==> flow/design.v <==
module mul_rtl #(
  parameter integer XLEN = 6,
  parameter integer W2 = 8
) (
  input  logic core_clk,
  input  logic rst,
  input  logic [XLEN-1:0] in_first,
  input  logic [W2-1:0] in_second,
  output logic [XLEN+W2-1:0] out_res
);
  always_ff @(posedge core_clk or posedge rst) begin
    if (rst) begin
      out_res <= 0;
    end else begin
      out_res <= in_first * in_second;
    end
  end
endmodule
Tool chain data of mul_rtl
Tool output for the design above, in the order of the flow.
Line numbers count from 1 in the design file above.
Library cell names are shortened.
{ "setup": {"design": "mul_rtl", "clock_port": "core_clk", "cell_library": "sky130hd", "corner": "tt_025C_1v80"} }

Word level
Yosys after proc, flatten, opt, wreduce and memory -nomap, before mapping. Enables and synchronous resets that opt folds into registers are not counted as muxes. Memory bits, and registers merged into a memory's read port (data or address), are not among the register bits. Print and check cells are not counted. Equal cells are merged and count once.
{ "word_totals": {"reg_bits": 14, "in_bits": 16, "word_cells": 2} }
{ "op_classes": {"multipliers": 1} }
{ "ops": {"columns": ["operator", "n"], "rows": [
  ["6-bit by 8-bit multiplier with 14-bit output", 1]
]} }

Logic depth
Longest topological path by Yosys (ltp), each cell counted once; first at word level (registers and memories cut), then after technology mapping (sequential cells cut; the memories' decode and read muxes count).
{ "logic_depth": {"word_depth": 1, "ABC_AREA": 0, "depth_mapped": 12} }

Synthesis result
Yosys stat after the flow's synthesis: flattened, memories mapped to cells. It holds for the ABC_AREA given above (unset counts as 0); a run with the other value may have another netlist.
The area totals of this step are shown rounded.
{ "types": {"columns": ["type", "n"], "rows": [
  ["fa_1", 25],
  ["dfrtp_1", 14],
  ["ha_1", 22],
  ["and2_1", 24],
  ["inv_1", 36],
  ["nand2_1", 26],
  ["xnor2_1", 5],
  ["xor2_1", 4],
  ["a2111oi_4", 1],
  ["a21oi_1", 5],
  ["nor2_1", 5],
  ["o2111ai_1", 2],
  ["a21o_4", 1],
  ["a211oi_2", 1],
  ["and3_1", 2],
  ["and3_4", 1],
  ["nand3_1", 2],
  ["a311oi_1", 1]
]} }
Not listed: further types 10, cells in them 10.
{ "mapped": {"cell_count": 187, "synth_area_um2": 1815, "seq_area_um2": 350.3, "flip_flops": 14, "buffers": 0} }

Worst setup path after synthesis
Source: OpenSTA report_checks on the synthesized netlist (no wires, ideal clock, input and output delay 20% of the period each), path of least setup slack; recovery checks are left aside. Register names are those of the netlist, which keeps one name where synthesis merged equal registers.
{ "synth_timing": {"path_type": "in2reg", "startpoint": "input in_second[1]", "endpoint": "register out_res[11]", "tclk_ns": 4.85, "input_delay_ns": 0.970, "t_arrival_ns": 3.943, "required_time_ns": 4.722, "path_slack_ns": 0.779, "path_delay_ns": 3.101, "driving_pins": 11, "n_path_buf": 0, "period_less_setup_slack_ns": 4.071} }
"path_delay_ns" is the arrival time less input delay plus setup time.
"driving_pins" counts driving pins, that of a launching flip-flop among them; a cell with two outputs on the path counts twice.
"period_less_setup_slack_ns" is the clock period less the worst setup slack; recovery checks do not enter. This is arithmetic on one report: input and output delays are still those of the set period (20% each).
The rows between start and end are the longest chain of elaborated cells between them; the timing report does not say that the signal goes this way. Where chains are equally long, one stands for them.
Each line given opens the expression or statement behind the cell; cells for indexed reads and writes are added by Yosys, which also makes memories of some case tables.
{ "synth_via": {"path_cell_list": "and2_1 -> fa_1 -> fa_1 -> inv_1 -> fa_1 -> inv_1 -> ha_1 -> and3_4 -> a2111oi_4 -> a21oi_1 -> xor2_1", "elab_chain_cells": 1, "cone_cells": 1, "lines_between": 1, "cone_classes": "mul: 1"} }
{ "synth_lines": {"columns": ["element", "line_no", "source"], "rows": [
  ["from (decl)", 8, "input  logic [W2-1:0] in_second,"],
  ["6-bit by 8-bit multiplier with 14-bit output", 15, "out_res <= in_first * in_second;"],
  ["to (assign)", 13, "out_res <= 0;"],
  ["to (assign)", 15, null],
  ["to (decl)", 9, "output logic [XLEN+W2-1:0] out_res"]
]} }

Timing after layout
Path of least setup slack in the final report of run 1 (OpenROAD, finished layout, wires in). Where an end is a register, its clock arrival counts in the times.
{ "layout_timing": {"path_type": "in2reg", "startpoint": "input in_first[2]", "endpoint": "register out_res[9]", "tclk_ns": 3.81, "input_delay_ns": 0.76, "t_arrival_ns": 3.89, "required_time_ns": 3.99, "path_slack_ns": 0.09, "driving_pins": 13, "n_path_buf": 3} }
The rows between start and end are the longest chain of elaborated cells between them; the timing report does not say that the signal goes this way. Where chains are equally long, one stands for them.
{ "layout_via": {"path_cell_list": "buf_8 -> buf_4 -> and2_1 -> ha_1 -> fa_1 -> inv_1 -> fa_1 -> inv_2 -> ha_4 -> and3_4 -> a2111oi_4 -> buf_4 -> xnor2_2", "elab_chain_cells": 1, "cone_cells": 1, "lines_between": 1, "cone_classes": "mul: 1"} }
{ "layout_lines": {"columns": ["element", "line_no", "source"], "rows": [
  ["from (decl)", 7, "input  logic [XLEN-1:0] in_first,"],
  ["6-bit by 8-bit multiplier with 14-bit output", 15, "out_res <= in_first * in_second;"],
  ["to (assign)", 13, "out_res <= 0;"],
  ["to (assign)", 15, null],
  ["to (decl)", 9, "output logic [XLEN+W2-1:0] out_res"]
]} }

Memo
Re: implementation data of mul_rtl

Measured results for mul_rtl: 3 stored runs of the Yosys and OpenROAD flow on sky130hd. The settings differ; the order carries no meaning. The constraints put input and output delay at 20% of the set period each and load the outputs with 0.01 pF.
"timing.achieved_period_ns" is the run's clock period less its worst setup slack. It is reckoned from that one timing run; input and output delays stay at 20% of the period that was set.
"final_power_mw" rests on the timing tool's default activity at the inputs, not on a simulated workload.
The results are shown rounded.
[
  {
    "run": "run 1",
    "settings": { "period_ns": 3.81, "CORE_UTILIZATION": 32, "SETUP_SLACK_MARGIN": 1.08, "PLACE_DENSITY_LB_ADDON": 0.25, "CORE_ASPECT_RATIO": 0.84, "CORE_MARGIN": 4, "CELL_PAD_IN_SITES_GLOBAL_PLACEMENT": 1, "CELL_PAD_IN_SITES_DETAIL_PLACEMENT": 2, "TNS_END_PERCENT": 65, "GPL_ROUTABILITY_DRIVEN": 1, "SLEW_MARGIN": 10, "MIN_ROUTING_LAYER": "met2", "CAP_MARGIN": 20 },
    "results": { "final_die_area_um2": 6947, "timing.achieved_period_ns": 3.715, "final_cell_area_um2": 2844, "fin_ws_ns": 0.095, "final_power_mw": 1.566, "setupTns_ns": 0.000, "post_route_util_pct": 53.2, "post_synth_area_um2": 1815 }
  },
  {
    "run": "run 2",
    "settings": { "period_ns": 4.94, "CORE_UTILIZATION": 65, "SETUP_SLACK_MARGIN": 0.69, "PLACE_DENSITY_LB_ADDON": 0.08, "CORE_MARGIN": 9, "SLEW_MARGIN": 25, "CAP_MARGIN": 20 },
    "results": { "post_route_util_pct": 84.4, "final_die_area_um2": 5020, "final_power_mw": 0.7742, "setupTns_ns": 0.000, "post_synth_area_um2": 1815, "fin_ws_ns": 0.837, "final_cell_area_um2": 2167, "timing.achieved_period_ns": 4.103 }
  },
  {
    "run": "run 3",
    "settings": { "period_ns": 4.85, "CAP_MARGIN": 20, "CORE_MARGIN": 2, "CORE_UTILIZATION": 40, "SLEW_MARGIN": 20 },
    "results": { "final_power_mw": 0.7809, "post_route_util_pct": 51.3, "setupTns_ns": 0.000, "timing.achieved_period_ns": 4.533, "post_synth_area_um2": 1815, "fin_ws_ns": 0.317, "final_die_area_um2": 5094, "final_cell_area_um2": 2233 }
  }
]
